==> flow/design.v <==
module subtractor_stage #(
   parameter BITS = 5
) (
   input wire sys_clk,
   input wire [BITS-1:0] dataa,
   input wire [BITS-1:0] datab,
   input wire subtract,
   output reg [BITS-1:0] result,
   output reg cout
);
   reg [BITS-1:0] dataa_d1;
   always @(posedge sys_clk) begin
      dataa_d1 <= dataa;
   end
   reg [BITS-1:0] datab_d1;
   always @(posedge sys_clk) begin
      datab_d1 <= datab;
   end
   reg subtract_d1;
   always @(posedge sys_clk) begin
      subtract_d1 <= subtract;
   end
   wire [BITS-1:0] aux;
   assign aux = datab_d1 ^ {BITS{subtract_d1}};
   wire [BITS:0] cur;
   assign cur = dataa_d1 + aux + subtract_d1;
   always @(posedge sys_clk) begin
      result <= cur[BITS-1:0];
   end
   always @(posedge sys_clk) begin
      cout <= cur[BITS];
   end
endmodule
Step by step through the tools: subtractor_stage

Tool output for the members of one design family, told apart by "BITS", in the order of the flow.
The RTL above is that of BITS=5; lines are counted from 1 in the file of the member named.
Operators carry their Yosys type and port widths (W data, S select, Z words).
Cell names lack the library's common part.
The mark n/a stands for no value.

Top: subtractor_stage
Clock input: sys_clk
Standard-cell library: sky130hd
Library corner: tt_025C_1v80

Source of the members

New or changed lines of each further member against the RTL above, in its own file; lines it lacks are not shown.

Lines new or changed:

| BITS | line | source |
| 8    | 2    | `parameter BITS = 8` |
| 10   | 2    | `parameter BITS = 10` |
| 96   | 2    | `parameter BITS = 96` |
| 128  | 2    | `parameter BITS = 128` |

Word-level counts

Counts by Yosys on the flattened word-level netlist (proc, flatten, opt, wreduce; memories kept). Register bits leave out memories and registers merged into their read ports (data or address); mux counts leave out enables and synchronous resets folded into registers. Print and check cells are left out. Cells with the same type and inputs are merged into one.

Word-level totals:

| BITS | elaborated cells | input bits | bits in registers | output and inout bits |
| 5    | 8                | 12         | 17                | 6 |
| 8    | 8                | 18         | 26                | 9 |
| 10   | 8                | 22         | 32                | 11 |
| 96   | 8                | 194        | 290               | 97 |
| 128  | 8                | 258        | 386               | 129 |

Cells by class:

| BITS | bitwise logic cells | $add $sub $neg |
| 5    | 1                   | 2 |
| 8    | 1                   | 2 |
| 10   | 1                   | 2 |
| 96   | 1                   | 2 |
| 128  | 1                   | 2 |

Operators by type and width:

| BITS | kind and count |
| 5    | 1 x $add A5 B5 Y6; 1 x $add A6 B1 Y6; 1 x $xor A5 B5 Y5 |
| 8    | 1 x $add A8 B8 Y9; 1 x $add A9 B1 Y9; 1 x $xor A8 B8 Y8 |
| 10   | 1 x $add A10 B10 Y11; 1 x $add A11 B1 Y11; 1 x $xor A10 B10 Y10 |
| 96   | 1 x $add A96 B96 Y97; 1 x $add A97 B1 Y97; 1 x $xor A96 B96 Y96 |
| 128  | 1 x $add A128 B128 Y129; 1 x $add A129 B1 Y129; 1 x $xor A128 B128 Y128 |

Depth

Longest topological path by Yosys (ltp), each cell counted once; first at word level (registers and memories cut), then after technology mapping (sequential cells cut; the memories' decode and read muxes count).

Logic depth:

| BITS | depth after elaboration | ABC_AREA | gate-level depth with buffers | depth with buffers taken out |
| 5    | 3                       | 0        | 7                             | 6 |
| 8    | 3                       | 0        | 8                             | 7 |
| 10   | 3                       | 0        | 9                             | 7 |
| 96   | 3                       | 0        | 17                            | 14 |
| 128  | 3                       | 0        | 17                            | 14 |

After synthesis

Yosys stat after the flow's synthesis: flattened, memories mapped to cells. It holds for the ABC_AREA given above (unset counts as 0); a run with the other value may have another netlist.
The area totals of this step are shown rounded.

Mapped netlist:

| BITS | mapped cells | buffers | flip-flop cells | sequential area (sq um) | synthesis area (sq um) |
| 5    | 46           | 1       | 17              | 340.3                   | 580.6 |
| 8    | 74           | 1       | 26              | 520.5                   | 918.4 |
| 10   | 99           | 3       | 32              | 640.6                   | 1191 |
| 96   | 1296         | 53      | 290             | 5806                    | 12790 |
| 128  | 1838         | 79      | 386             | 7727                    | 17550 |

Cell types:

| BITS | type and count |
| 5    | 17 x dfxtp_1; 5 x ha_1; 6 x xor2_1; 1 x fa_1; 2 x xnor2_1; 1 x buf_6; 3 x inv_1; 2 x a21oi_1; 1 x mux2i_1; 1 x o31ai_1; 1 x a31oi_1; 1 x nor2b_1; 1 x or2_1; 1 x or2_2; 1 x o21ai_1; 1 x nand2_1; 1 x nor2_1 |
| 8    | 26 x dfxtp_1; 7 x ha_1; 9 x xor2_1; 3 x xnor2_1; 1 x fa_1; 5 x inv_1; 2 x o31a_1; 1 x a221oi_2; 1 x mux2i_2; 2 x or2_2; 1 x buf_6; 3 x nor2_1; 2 x a21oi_1; 2 x o21ai_0; 1 x a211o_1; 1 x and4_1; 1 x o21ai_2; 1 x o22a_1; [+5] |
| 10   | 32 x dfxtp_1; 10 x ha_1; 13 x xor2_1; 4 x xnor2_1; 4 x a21o_1; 5 x a21oi_1; 1 x fa_1; 4 x nand3_1; 1 x a31o_4; 1 x mux2_4; 2 x o21bai_1; 2 x a31oi_1; 2 x nor4_1; 1 x buf_6; 3 x inv_1; 1 x mux2i_1; 1 x nand3_2; 2 x nor2_1; [+10] |
| 96   | 290 x dfxtp_1; 101 x ha_1; 138 x xor2_1; 132 x a21oi_1; 50 x xnor2_1; 94 x nand2_1; 67 x o21ai_0; 46 x nand4_1; 36 x a21o_1; 63 x nor2_1; 25 x o21bai_1; 40 x clkbuf_1; 17 x o21a_1; 30 x inv_1; 16 x nor3_1; 13 x nand3_1; 7 x o221ai_1; 8 x a21boi_0; [+123] |
| 128  | 386 x dfxtp_1; 141 x ha_1; 175 x xor2_1; 192 x a21oi_1; 73 x xnor2_1; 77 x a21o_1; 145 x nand2_1; 94 x o21ai_0; 109 x nor2_1; 65 x nand4_1; 37 x o21bai_1; 50 x clkbuf_1; 29 x nor3_1; 38 x inv_1; 19 x o21a_1; 17 x buf_2; 10 x a211oi_1; 8 x a221oi_1; [+173] |

A list marked [+n] leaves out that many cells.

Timing after synthesis

Path of least setup slack by OpenSTA after synthesis, without wires, with an ideal clock, recovery checks aside; 20% of the period is set as input and as output delay. Where synthesis merged equal registers, the netlist keeps one of their names.

Timing after synthesis:

| BITS | path type              | start                | end                  | clock period (ns) | stages | delay of the path (ns) | path slack (ns) | synthesis period reached (ns) |
| 5    | flip-flop to flip-flop | register subtract_d1 | register result[4]   | 1.87              | 8      | 1.499                  | 0.371           | 1.499 |
| 8    | flip-flop to flip-flop | register subtract_d1 | register cout        | 2.26              | 8      | 1.807                  | 0.453           | 1.807 |
| 10   | flip-flop to flip-flop | register subtract_d1 | register result[8]   | 2.58              | 9      | 2.067                  | 0.513           | 2.067 |
| 96   | flip-flop to flip-flop | register subtract_d1 | register result[93]  | 4.99              | 18     | 3.992                  | 0.997           | 3.993 |
| 128  | flip-flop to flip-flop | register subtract_d1 | register result[116] | 5.22              | 17     | 4.179                  | 1.041           | 4.179 |

"delay of the path" is the arrival time less input delay plus setup time.
"stages": output pins that drive a net of the path, with the launching flip-flop's if there is one; two outputs of one cell count as two.
"synthesis period reached" is the clock period less the worst setup slack; recovery checks do not enter. This is arithmetic on one report: input and output delays are still those of the set period (20% each).
Between the ends stands the longest chain of elaborated cells between them, by number of cells; it is not shown to be the way that was timed. Of several equally long chains one is given.
Each line given opens the expression or statement behind the cell; cells for indexed reads and writes are added by Yosys, which also makes memories of some case tables.

On the way, after synthesis, BITS=5:
Cells in the longest elaborated chain: 3

Ends and longest elaborated chain, after synthesis, BITS=5:

| item          | line | source |
| from (decl)   | 19   | `reg subtract_d1;` |
| from (assign) | 21   | `subtract_d1 <= subtract;` |
| $xor A5 B5 Y5 | 24   | `assign aux = datab_d1 ^ {BITS{subtract_d1}};` |
| $add A5 B5 Y6 | 26   | `assign cur = dataa_d1 + aux + subtract_d1;` |
| $add A6 B1 Y6 | 26   |  |
| to (assign)   | 28   | `result <= cur[BITS-1:0];` |
| to (decl)     | 8    | `output reg [BITS-1:0] result,` |

On the way, after synthesis, BITS=128:
Cells in the longest elaborated chain: 3

Ends and longest elaborated chain, after synthesis, BITS=128:

| item                | line | source |
| from (decl)         | 19   | `reg subtract_d1;` |
| from (assign)       | 21   | `subtract_d1 <= subtract;` |
| $xor A128 B128 Y128 | 24   | `assign aux = datab_d1 ^ {BITS{subtract_d1}};` |
| $add A128 B128 Y129 | 26   | `assign cur = dataa_d1 + aux + subtract_d1;` |
| $add A129 B1 Y129   | 26   |  |
| to (assign)         | 28   | `result <= cur[BITS-1:0];` |
| to (decl)           | 8    | `output reg [BITS-1:0] result,` |

Timing after layout

Path of least setup slack in the final report of each member's run (OpenROAD, finished layout, wires in). Where an end is a register, its clock arrival counts in the times.

Timing after layout:

| BITS | path type              | start                | end                  | clock period (ns) | path buffers | arrival (ns) | stages | path slack (ns) |
| 5    | flip-flop to flip-flop | register subtract_d1 | register result[4]   | 1.87              | 0            | 1.83         | 7      | 0.21 |
| 8    | flip-flop to flip-flop | register subtract_d1 | register cout        | 2.26              | 0            | 2.28         | 8      | 0.24 |
| 10   | flip-flop to flip-flop | register datab_d1[0] | register result[8]   | 2.58              | 0            | 2.42         | 8      | 0.42 |
| 96   | flip-flop to flip-flop | register subtract_d1 | register result[90]  | 4.99              | 1            | 4.51         | 15     | 0.92 |
| 128  | flip-flop to flip-flop | register subtract_d1 | register result[117] | 5.22              | 1            | 5.12         | 15     | 0.56 |

Measured runs

Settings and results of one run of the flow (Yosys, OpenROAD) for each member follow. The constraints put input and output delay at 20% of the set period each and load the outputs with 0.01 pF.

CAP_MARGIN: 20
CORE_MARGIN: 2
CORE_UTILIZATION: 40
SLEW_MARGIN: 20

Settings by member:

| BITS | period_ns |
| 5    | 1.87 |
| 8    | 2.26 |
| 10   | 2.58 |
| 96   | 4.99 |
| 128  | 5.22 |

Measured results:

| BITS | worst hold slack after layout (ns) | period reached (ns) | die outline area (sq um) | total design power (mW) | utilization after routing (%) | standard-cell area after routing (sq um) | smallest setup slack (ns) | total negative slack (ns) | Yosys chip area after synthesis (sq um) |
| 5    | 0.464                              | 1.663               | 1772                     | 0.7893                  | 58.8                          | 784.5                                    | 0.207                     | 0.000                     | 580.6 |
| 8    | 0.488                              | 2.023               | 2695                     | 0.9800                  | 55.9                          | 1225                                     | 0.237                     | 0.000                     | 918.4 |
| 10   | 0.459                              | 2.165               | 3430                     | 1.193                   | 57.5                          | 1599                                     | 0.415                     | 0.000                     | 1191 |
| 96   | 0.460                              | 4.071               | 33430                    | 7.403                   | 54.2                          | 17100                                    | 0.919                     | 0.000                     | 12790 |
| 128  | 0.459                              | 4.662               | 45560                    | 9.712                   | 54.0                          | 23330                                    | 0.558                     | 0.000                     | 17550 |

"period reached": clock period set for the run, less the worst setup slack. It is reckoned from that one timing run; input and output delays stay at 20% of the period that was set.
"total design power" rests on the timing tool's default activity at the inputs, not on a simulated workload.
Values from the reports are rounded here.
